==> flow/design.v <==
module sync_relation_top #(
  parameter DWIDTH = 14,
  parameter NUM = 5
) (
  input  logic sys_clk,
  input  logic RSTN,
  input  logic [NUM*DWIDTH-1:0] data,
  output logic [DWIDTH-1:0] hi
);
  logic [NUM*DWIDTH-1:0] data_d1;
  always_ff @(posedge sys_clk) begin
    if (!RSTN) begin
      data_d1 <= '0;
    end else begin
      data_d1 <= data;
    end
  end
  wire [DWIDTH-1:0] node [1:2*NUM-1];
  generate
    for (genvar gi = 0; gi < NUM; gi++) begin : row
      assign node[NUM+gi] = data_d1[gi*DWIDTH +: DWIDTH];
    end
    for (genvar gi = 1; gi < NUM; gi++) begin : each
      assign node[gi] = (node[2*gi] > node[2*gi+1]) ? node[2*gi] : node[2*gi+1];
    end
  endgenerate
  assign hi = node[1];
endmodule
From RTL to reports: sync_relation_top
The steps from the RTL of sync_relation_top to its reports follow in flow order.
Lines are those of the file above, counted from 1.
Library cell names are shortened.
{ "design": {"top": "sync_relation_top", "clk_port": "sys_clk", "lib": "sky130hd", "corner": "tt_025C_1v80"} }

Word-level counts
Yosys after proc, flatten, opt, wreduce and memory -nomap, before mapping. Enables and synchronous resets that opt folds into registers are not counted as muxes. Print and check cells are not counted. Equal cells are merged and count once.
{ "word_totals": {"ff_bits": 70, "inputBits": 72, "elab_cells": 9} }
{ "classes": {"muxes": 4, "compare": 4} }
{ "ops": {"columns": ["cell", "n"], "rows": [
  ["14-bit greater-than comparator", 4],
  ["14-bit 2-to-1 mux", 4]
]} }

Logic depth
Depth = most cells in a row (Yosys ltp): at word level without a register or memory, in the mapped netlist without a sequential cell, where the memories' decode and read muxes count.
{ "logic_depth": {"word_depth": 6, "abc_area": 0, "mapped_depth": 26, "mapped_depth_nobuf": 23} }

Netlist
The flow's flattened synthesis, as Yosys stat reports it; memories are mapped. The netlist is that of the ABC_AREA named above (0 if unset); the other value can give another one.
{ "types": {"columns": ["cell_type", "n", "area_total_um2"], "rows": [
  ["dfxtp_1", 70, 1.4E+03],
  ["ha_1", 56, 700.672],
  ["and2_1", 70, 437.92],
  ["mux2i_1", 42, 420.403],
  ["inv_1", 61, 228.97],
  ["mux2_2", 12, 135.13],
  ["a21oi_1", 20, 100.096],
  ["nand4_1", 9, 56.304],
  ["nand2_1", 12, 45.043],
  ["o21ai_0", 8, 40.038],
  ["a21o_1", 5, 37.536],
  ["nor2_1", 9, 33.782],
  ["clkbuf_1", 7, 26.275],
  ["buf_6", 2, 22.522],
  ["nor4_4", 1, 21.27],
  ["a211oi_1", 2, 15.014],
  ["mux2_4", 1, 15.014],
  ["o31ai_1", 2, 15.014]
]} }
Not listed: further types 18, cells in them 21.
{ "synth_totals": {"mapped_cells": 410, "synth_area_um2": 3911.3, "flip_flops": 70} }

Path before layout
Path of least setup slack by OpenSTA after synthesis, without wires, with an ideal clock, recovery checks aside; 20% of the period is set as input and as output delay. Where synthesis merged equal registers, the netlist keeps one of their names.
{ "synth_timing": {"path_type": "register to output", "startpoint": "register data_d1[69]", "endpoint": "output hi[10]", "path_slack_ns": 1.335, "path_delay_ns": 5.353, "n_path_buf": 3, "path_stages": 26, "arrival_time_ns": 5.353, "clock_period_ns": 8.36, "output_delay_ns": 1.672, "t_first_pin_ns": 0.000, "synth_period_reached_ns": 7.025} }
"path_delay_ns" is the arrival time less input delay plus setup time.
At an output port there is no setup time.
"path_stages" counts driving pins, that of a launching flip-flop among them; a cell with two outputs on the path counts twice.
"synth_period_reached_ns" is the clock period less the worst setup slack; recovery checks do not enter. This is arithmetic on one report: input and output delays are still those of the set period (20% each).
Between the ends stands the longest chain of elaborated cells between them, by number of cells; it is not shown to be the way that was timed. Of several equally long chains one is given.
A line is the first line of the expression or statement that the cell stems from. Yosys adds cells for indexed reads and writes and turns some case tables into memories.
{ "synth_via": {"path_cell_list": "dfxtp_1 > inv_1 > ha_1 > nand2_2 > nor4_4 > o31ai_1 > a22oi_2 > buf_6 > mux2_4 > ha_1 > a2111oi_0 > o21ai_0 > a221o_1 > o31ai_2 > buf_6 > mux2i_1 > inv_1 > ha_1 > o21ai_0 > nor2_1 > nor3_1 > nor2_1 > o211ai_1 > a32oi_1 > buf_2 > mux2i_1", "elab_chain_cells": 6} }
{ "synth_rtl": {"columns": ["element", "line_no", "rtl"], "rows": [
  ["from (decl)", 10, "logic [NUM*DWIDTH-1:0] data_d1;"],
  ["from (assign)", 13, "data_d1 <= '0;"],
  ["from (assign)", 15, "data_d1 <= data;"],
  ["14-bit greater-than comparator", 24, "assign node[gi] = (node[2*gi] > node[2*gi+1]) ? node[2*gi] : node[2*gi+1];"],
  ["14-bit 2-to-1 mux", 24, null],
  ["14-bit greater-than comparator", 24, null],
  ["14-bit 2-to-1 mux", 24, null],
  ["14-bit greater-than comparator", 24, null],
  ["14-bit 2-to-1 mux", 24, null],
  ["to (decl)", 8, "output logic [DWIDTH-1:0] hi"]
]} }

Worst path after layout
Path of least setup slack in the final report of run 1 (OpenROAD, finished layout, wires in). Where an end is a register, its clock arrival counts in the times.
{ "layout_timing": {"path_type": "register to output", "startpoint": "register data_d1[67]", "endpoint": "output hi[6]", "path_slack_ns": 1.41, "n_path_buf": 3, "output_delay_ns": 2.10, "path_stages": 26, "clock_period_ns": 10.5, "arrival_time_ns": 6.99, "t_first_pin_ns": 0.34} }
Between the ends stands the longest chain of elaborated cells between them, by number of cells; it is not shown to be the way that was timed. Of several equally long chains one is given.
{ "layout_via": {"path_cell_list": "dfxtp_1 > inv_1 > ha_1 > nand2_1 > nor4_4 > o31ai_1 > a22oi_2 > mux2_4 > ha_1 > a2111oi_0 > o21ai_0 > a221o_1 > o31ai_2 > buf_4 > mux2i_1 > inv_1 > ha_1 > a211oi_1 > nor2_1 > nor3_1 > nor2_1 > o211ai_1 > a32oi_1 > buf_4 > mux2i_1 > clkdlybuf4s50_1", "elab_chain_cells": 6} }
{ "layout_rtl": {"columns": ["element", "line_no", "rtl"], "rows": [
  ["from (decl)", 10, "logic [NUM*DWIDTH-1:0] data_d1;"],
  ["from (assign)", 13, "data_d1 <= '0;"],
  ["from (assign)", 15, "data_d1 <= data;"],
  ["14-bit greater-than comparator", 24, "assign node[gi] = (node[2*gi] > node[2*gi+1]) ? node[2*gi] : node[2*gi+1];"],
  ["14-bit 2-to-1 mux", 24, null],
  ["14-bit greater-than comparator", 24, null],
  ["14-bit 2-to-1 mux", 24, null],
  ["14-bit greater-than comparator", 24, null],
  ["14-bit 2-to-1 mux", 24, null],
  ["to (decl)", 8, "output logic [DWIDTH-1:0] hi"]
]} }

Wiki page: sync_relation_top / flow data

Design sync_relation_top on sky130hd. What follows are 3 stored runs of the flow, each under its own settings; their order means nothing. The constraints put input and output delay at 20% of the set period each and load the outputs with 0.01 pF.
"worst setup path time (ns)" means the part of the period allowed to the worst setup path (the constraints hold back 20% at inputs and 20% at outputs) less its slack; where the path has registers, the arrival times of their clocks count too.

settings of run 1
{
  "period_ns": 10.5,
  "CORE_UTILIZATION": 16,
  "CELL_PAD_IN_SITES_DETAIL_PLACEMENT": 0,
  "TNS_END_PERCENT": 35,
  "CTS_CLUSTER_DIAMETER": 42,
  "CAP_MARGIN": 30,
  "SLEW_MARGIN": 10,
  "MAX_ROUTING_LAYER": "met4",
  "CORE_MARGIN": 2
}
report of run 1
yosys chip area after synthesis (um^2): 3911.3
finish__design__die__area: 25712.1
finish__design__instance__utilization: 0.2261
finish__timing__setup__ws: 1.407
finish__timing__setup__tns: 0.000
worst setup path time (ns): 6.99
worst setup path kind: register to output

settings of run 2
{
  "period_ns": 5.41,
  "CORE_UTILIZATION": 59,
  "SETUP_SLACK_MARGIN": -0.41,
  "PLACE_DENSITY": 0.39,
  "CORE_ASPECT_RATIO": 1.33,
  "CELL_PAD_IN_SITES_DETAIL_PLACEMENT": 1,
  "ABC_AREA": 0,
  "GPL_TIMING_DRIVEN": 1,
  "CTS_CLUSTER_DIAMETER": 299,
  "MIN_ROUTING_LAYER": "met2",
  "CAP_MARGIN": 20,
  "CORE_MARGIN": 2,
  "SLEW_MARGIN": 20
}
report of run 2: did not finish, place, DPL-0033

settings of run 3
{
  "period_ns": 8.36,
  "CAP_MARGIN": 20,
  "CORE_MARGIN": 2,
  "CORE_UTILIZATION": 40,
  "SLEW_MARGIN": 20
}
report of run 3
yosys chip area after synthesis (um^2): 3911.3
finish__design__die__area: 10585.3
finish__design__instance__utilization: 0.5418
finish__timing__setup__ws: 0.419
finish__timing__setup__tns: 0.000
worst setup path time (ns): 6.27
worst setup path kind: register to output
